==> flow/design.v <==
module reg_file_stage (sys_clk, rstn, wen, waddr, din, rsel, q);
    parameter integer D = 40;
    parameter integer DATA_W = 16;
    parameter integer NUM_RD = 2;
    localparam integer ADDR_W = $clog2(D);
    input sys_clk;
    input rstn;
    input wen;
    input [ADDR_W-1:0] waddr;
    input [DATA_W-1:0] din;
    input [NUM_RD*ADDR_W-1:0] rsel;
    output reg [NUM_RD*DATA_W-1:0] q;
    reg wen_s;
    reg [ADDR_W-1:0] waddr_s;
    reg [DATA_W-1:0] din_s;
    reg [D*DATA_W-1:0] rf;
    genvar i;
    generate
        for (i = 0; i < D; i = i + 1) begin : slice
            always @(posedge sys_clk)
                if (wen_s && waddr_s == i) rf[i*DATA_W +: DATA_W] <= din_s;
        end
    endgenerate
    reg [NUM_RD*ADDR_W-1:0] rsel_s;
    reg [NUM_RD*DATA_W-1:0] tmp;
    integer gj;
    integer idx;
    always @* begin
        tmp = 0;
        for (gj = 0; gj < NUM_RD; gj = gj + 1) begin
            for (idx = 0; idx < D; idx = idx + 1)
                tmp[gj*DATA_W +: DATA_W] = tmp[gj*DATA_W +: DATA_W] | (rf[idx*DATA_W +: DATA_W] & {DATA_W{rsel_s[gj*ADDR_W +: ADDR_W] == idx}});
        end
    end
    always @(posedge sys_clk or negedge rstn) begin
        if (!rstn) begin
            wen_s <= 1'b0;
            waddr_s <= 0;
            din_s <= 0;
            rsel_s <= 0;
            q <= 0;
        end else begin
            wen_s <= wen;
            waddr_s <= waddr;
            din_s <= din;
            rsel_s <= rsel;
            q <= tmp;
        end
    end
endmodule
# --- Reports on reg_file_stage ---
# What the tools print for reg_file_stage, step after step.
# Lines are those of the file above, counted from 1.
design:
  top_module: "reg_file_stage"
  clock: "sys_clk"
  library: "sky130hd"
  pvt_corner: "tt_025C_1v80"

# --- Word level ---
# Yosys after proc, flatten, opt, wreduce and memory -nomap, before mapping. Enables and synchronous resets that opt folds into registers are not counted as muxes. Memory bits, and registers merged into a memory's read port (data or address), are not among the register bits. Print and check cells are not counted. Equal cells are merged and count once.
op_classes:
  mul: 0
  n_mux: 0
  n_logic: 158
  addsub: 0
  shifts: 0
  n_cmp: 0
  div_mod_pow: 0
  reduce_logical: 43
  eq_ne: 117
op_table:
  columns: ["cell", "count"]
  rows:
  - ["16-bit AND", 80]
  - ["16-bit bitwise OR", 78]
  - ["6-bit by 5-bit == test with 1-bit output with constant B", 48]
  - ["6-bit by 4-bit == test with 1-bit output with constant B", 24]
  - ["6-bit == test with constant B", 24]
  - ["6-bit by 3-bit == test with 1-bit output with constant B", 12]
  - ["1-bit logical AND", 40]
  - ["6-bit by 2-bit == test with 1-bit output with constant B", 6]
  - ["6-bit by 1-bit == test with 1-bit output with constant B", 3]
  - ["6-bit zero test", 3]
bits:
  latchBits: 0
  memories: 0
  mem_bits_rw: 0
  romBits: 0
  ff_bits: 707
  in_bits: 37
  elab_cells: 363
  output_inout_bits: 32
  clocked_rd_ports_x_width: 0

# --- Longest topological paths ---
# Yosys ltp: most cells in a row. Word level: on the elaborated netlist, between registers, memories and ports. Mapped: between sequential cells and ports; inverters and the memories' decode and read muxes count.
logic_depth:
  ltp_word: 41
  ABC_AREA: 0
  depth_mapped: 10
  mapped_depth_nobuf: 5

# --- After synthesis ---
# The flow's flattened synthesis, as Yosys stat reports it; memories are mapped. The netlist is that of the ABC_AREA named above (0 if unset); the other value can give another one.
# Totals and module areas in this step are rounded.
by_type:
  columns: ["cell_type", "count", "area_total_um2"]
  rows:
  - ["sky130_fd_sc_hd__edfxtp_1", 640, 1.92E+04]
  - ["sky130_fd_sc_hd__and3_1", 327, 2.05E+03]
  - ["sky130_fd_sc_hd__dfrtp_1", 67, 1.68E+03]
  - ["sky130_fd_sc_hd__a22oi_1", 209, 1.57E+03]
  - ["sky130_fd_sc_hd__a2111oi_0", 110, 963.424]
  - ["sky130_fd_sc_hd__mux2i_1", 61, 610.586]
  - ["sky130_fd_sc_hd__nand4_1", 75, 469.2]
  - ["sky130_fd_sc_hd__a32oi_1", 48, 420.403]
  - ["sky130_fd_sc_hd__clkbuf_1", 110, 412.896]
  - ["sky130_fd_sc_hd__nor2_1", 109, 409.142]
  - ["sky130_fd_sc_hd__nand3_1", 78, 390.374]
  - ["sky130_fd_sc_hd__or4_1", 36, 270.259]
  - ["sky130_fd_sc_hd__mux2_2", 19, 213.955]
  - ["sky130_fd_sc_hd__buf_2", 40, 200.192]
  - ["sky130_fd_sc_hd__a21oi_1", 36, 180.173]
  - ["sky130_fd_sc_hd__a221oi_1", 16, 140.134]
  - ["sky130_fd_sc_hd__nand3b_1", 18, 135.13]
  - ["sky130_fd_sc_hd__nor3_1", 27, 135.13]
# Not listed: further types 48, cells in them 238.
synth_totals:
  seq_area_um2: 21000
  flip_flops: 707
  stdcells: 2264
  buffers: 173
  area_um2: 31000

# --- Timing after synthesis ---
# Source: OpenSTA report_checks on the synthesized netlist (no wires, ideal clock, input and output delay 20% of the period each), path of least setup slack; recovery checks are left aside. Register names are those of the netlist, which keeps one name where synthesis merged equal registers.
synth_timing:
  path_type: "flip-flop to flip-flop"
  start: "reg waddr_s[5]"
  end: "reg rf[128]"
  period_ns: 3.81
  t_arrival_ns: 2.640
  t_first_pin_ns: 0.000
  driving_pins: 5
  setup_slack_ns: 0.761
  required_ns: 3.401
  delay_ns: 3.049
  path_buffers: 1
  synth_period_reached_ns: 3.049
# "delay_ns" = arrival - input delay + setup time.
# "driving_pins" counts driving pins, that of a launching flip-flop among them; a cell with two outputs on the path counts twice.
# "synth_period_reached_ns" is the clock period less the worst setup slack; recovery checks do not enter. This is arithmetic on one report: input and output delays are still those of the set period (20% each).
# Between the ends stands the longest chain of elaborated cells between them, by number of cells; it is not shown to be the way that was timed. Of several equally long chains one is given.
# Each line given opens the expression or statement behind the cell; cells for indexed reads and writes are added by Yosys, which also makes memories of some case tables.
synth_between:
  cell_sequence: "sky130_fd_sc_hd__dfrtp_1 sky130_fd_sc_hd__or3b_2 sky130_fd_sc_hd__clkbuf_1 sky130_fd_sc_hd__or3b_2 sky130_fd_sc_hd__nor3_1"
  elab_chain_cells: 2
  cells_between: 2
  classes_between: "eq/ne: 1; reduce/logical: 1"
synth_rtl:
  columns: ["element", "line", "text"]
  rows:
  - ["from (decl)", 14, "reg [ADDR_W-1:0] waddr_s;"]
  - ["from (assign)", 38, "waddr_s <= 0;"]
  - ["from (assign)", 44, "waddr_s <= waddr;"]
  - ["6-bit by 4-bit == test with 1-bit output", 21, "if (wen_s && waddr_s == i) rf[i*DATA_W +: DATA_W] <= din_s;"]
  - ["1-bit logical AND", 21, null]
  - ["to (assign)", 21, null]
  - ["to (decl)", 16, "reg [D*DATA_W-1:0] rf;"]

# --- Worst path after layout ---
# Path of least setup slack in the final report of run A (OpenROAD, finished layout, wires in). Where an end is a register, its clock arrival counts in the times.
layout_timing:
  path_type: "flip-flop to flip-flop"
  start: "reg rsel_s[3]"
  end: "reg q[3]"
  required_ns: 2.87
  setup_slack_ns: -0.52
  period_ns: 2.14
  path_buffers: 4
  driving_pins: 10
  t_first_pin_ns: 0.89
  t_arrival_ns: 3.39
# Between the ends stands the longest chain of elaborated cells between them, by number of cells; it is not shown to be the way that was timed. Of several equally long chains one is given.
layout_between:
  cell_sequence: "sky130_fd_sc_hd__dfrtp_2 sky130_fd_sc_hd__buf_12 sky130_fd_sc_hd__buf_4 sky130_fd_sc_hd__or4b_4 sky130_fd_sc_hd__buf_4 sky130_fd_sc_hd__nor2_1 sky130_fd_sc_hd__buf_4 sky130_fd_sc_hd__a22oi_2 sky130_fd_sc_hd__nand4_1 sky130_fd_sc_hd__or4_4"
  elab_chain_cells: 41
  cells_between: 119
  classes_between: "eq/ne: 39; logic: 79; reduce/logical: 1"
layout_rtl:
  columns: ["element", "line", "text"]
  rows:
  - ["from (decl)", 24, "reg [NUM_RD*ADDR_W-1:0] rsel_s;"]
  - ["from (assign)", 40, "rsel_s <= 0;"]
  - ["from (assign)", 46, "rsel_s <= rsel;"]
  - ["6-bit zero test", 32, "tmp[gj*DATA_W +: DATA_W] = tmp[gj*DATA_W +: DATA_W] | (rf[idx*DATA_W +: DATA_W] & {DATA_W{rsel_s[gj*ADDR_W +: ..."]
  - ["16-bit AND", 32, null]
  - ["16-bit bitwise OR (39 in a row)", 32, null]
  - ["to (assign)", 41, "q <= 0;"]
  - ["to (assign)", 47, "q <= tmp;"]
  - ["to (decl)", 12, "output reg [NUM_RD*DATA_W-1:0] q;"]

# Measured results for reg_file_stage: 3 stored runs of the Yosys and OpenROAD flow on sky130hd. The settings differ; the order carries no meaning. The constraints put input and output delay at 20% of the set period each and load the outputs with 0.01 pF.
# "worst_path_ns" means the part of the period allowed to the worst setup path (the constraints hold back 20% at inputs and 20% at outputs) less its slack; where the path has registers, the arrival times of their clocks count too.
# Results are given in rounded form.
runs:
  - name: "run A"
    settings:
      period_ns: 2.14
      CORE_UTILIZATION: 22
      SETUP_SLACK_MARGIN: 0.04
      PLACE_DENSITY_LB_ADDON: 0.16
      CORE_ASPECT_RATIO: 0.94
      CELL_PAD_IN_SITES_DETAIL_PLACEMENT: 0
      ABC_AREA: 0
      GPL_TIMING_DRIVEN: 1
      CTS_CLUSTER_DIAMETER: 22
      CAP_MARGIN: 35
      SLEW_MARGIN: 0
      CORE_MARGIN: 2
    results:
      worst_path_ns: 2.66
      critical_path_kind: "flip-flop to flip-flop"
      final_cell_area_um2: 57000
      fin_ws_ns: -0.52
      synth_chip_area_um2: 31000
      dieArea_um2: 150000
      setup_tns_ns: -12
  - name: "run B"
    settings:
      period_ns: 4.2
      CORE_UTILIZATION: 61
      SETUP_SLACK_MARGIN: 0.44
      PLACE_DENSITY_LB_ADDON: 0.08
      CORE_ASPECT_RATIO: 0.92
      CELL_PAD_IN_SITES_DETAIL_PLACEMENT: 2
      CTS_CLUSTER_SIZE: 73
      CAP_MARGIN: 35
      MAX_ROUTING_LAYER: "met4"
      CORE_MARGIN: 2
      SLEW_MARGIN: 20
    outcome: "no final report: placement broke off with DPL-0033"
  - name: "run C"
    settings:
      period_ns: 3.81
      CAP_MARGIN: 20
      CORE_MARGIN: 2
      CORE_UTILIZATION: 40
      SLEW_MARGIN: 20
    results:
      worst_path_ns: 3.66
      critical_path_kind: "flip-flop to flip-flop"
      final_cell_area_um2: 38000
      fin_ws_ns: 0.15
      synth_chip_area_um2: 31000
      dieArea_um2: 81000
      setup_tns_ns: 0.000
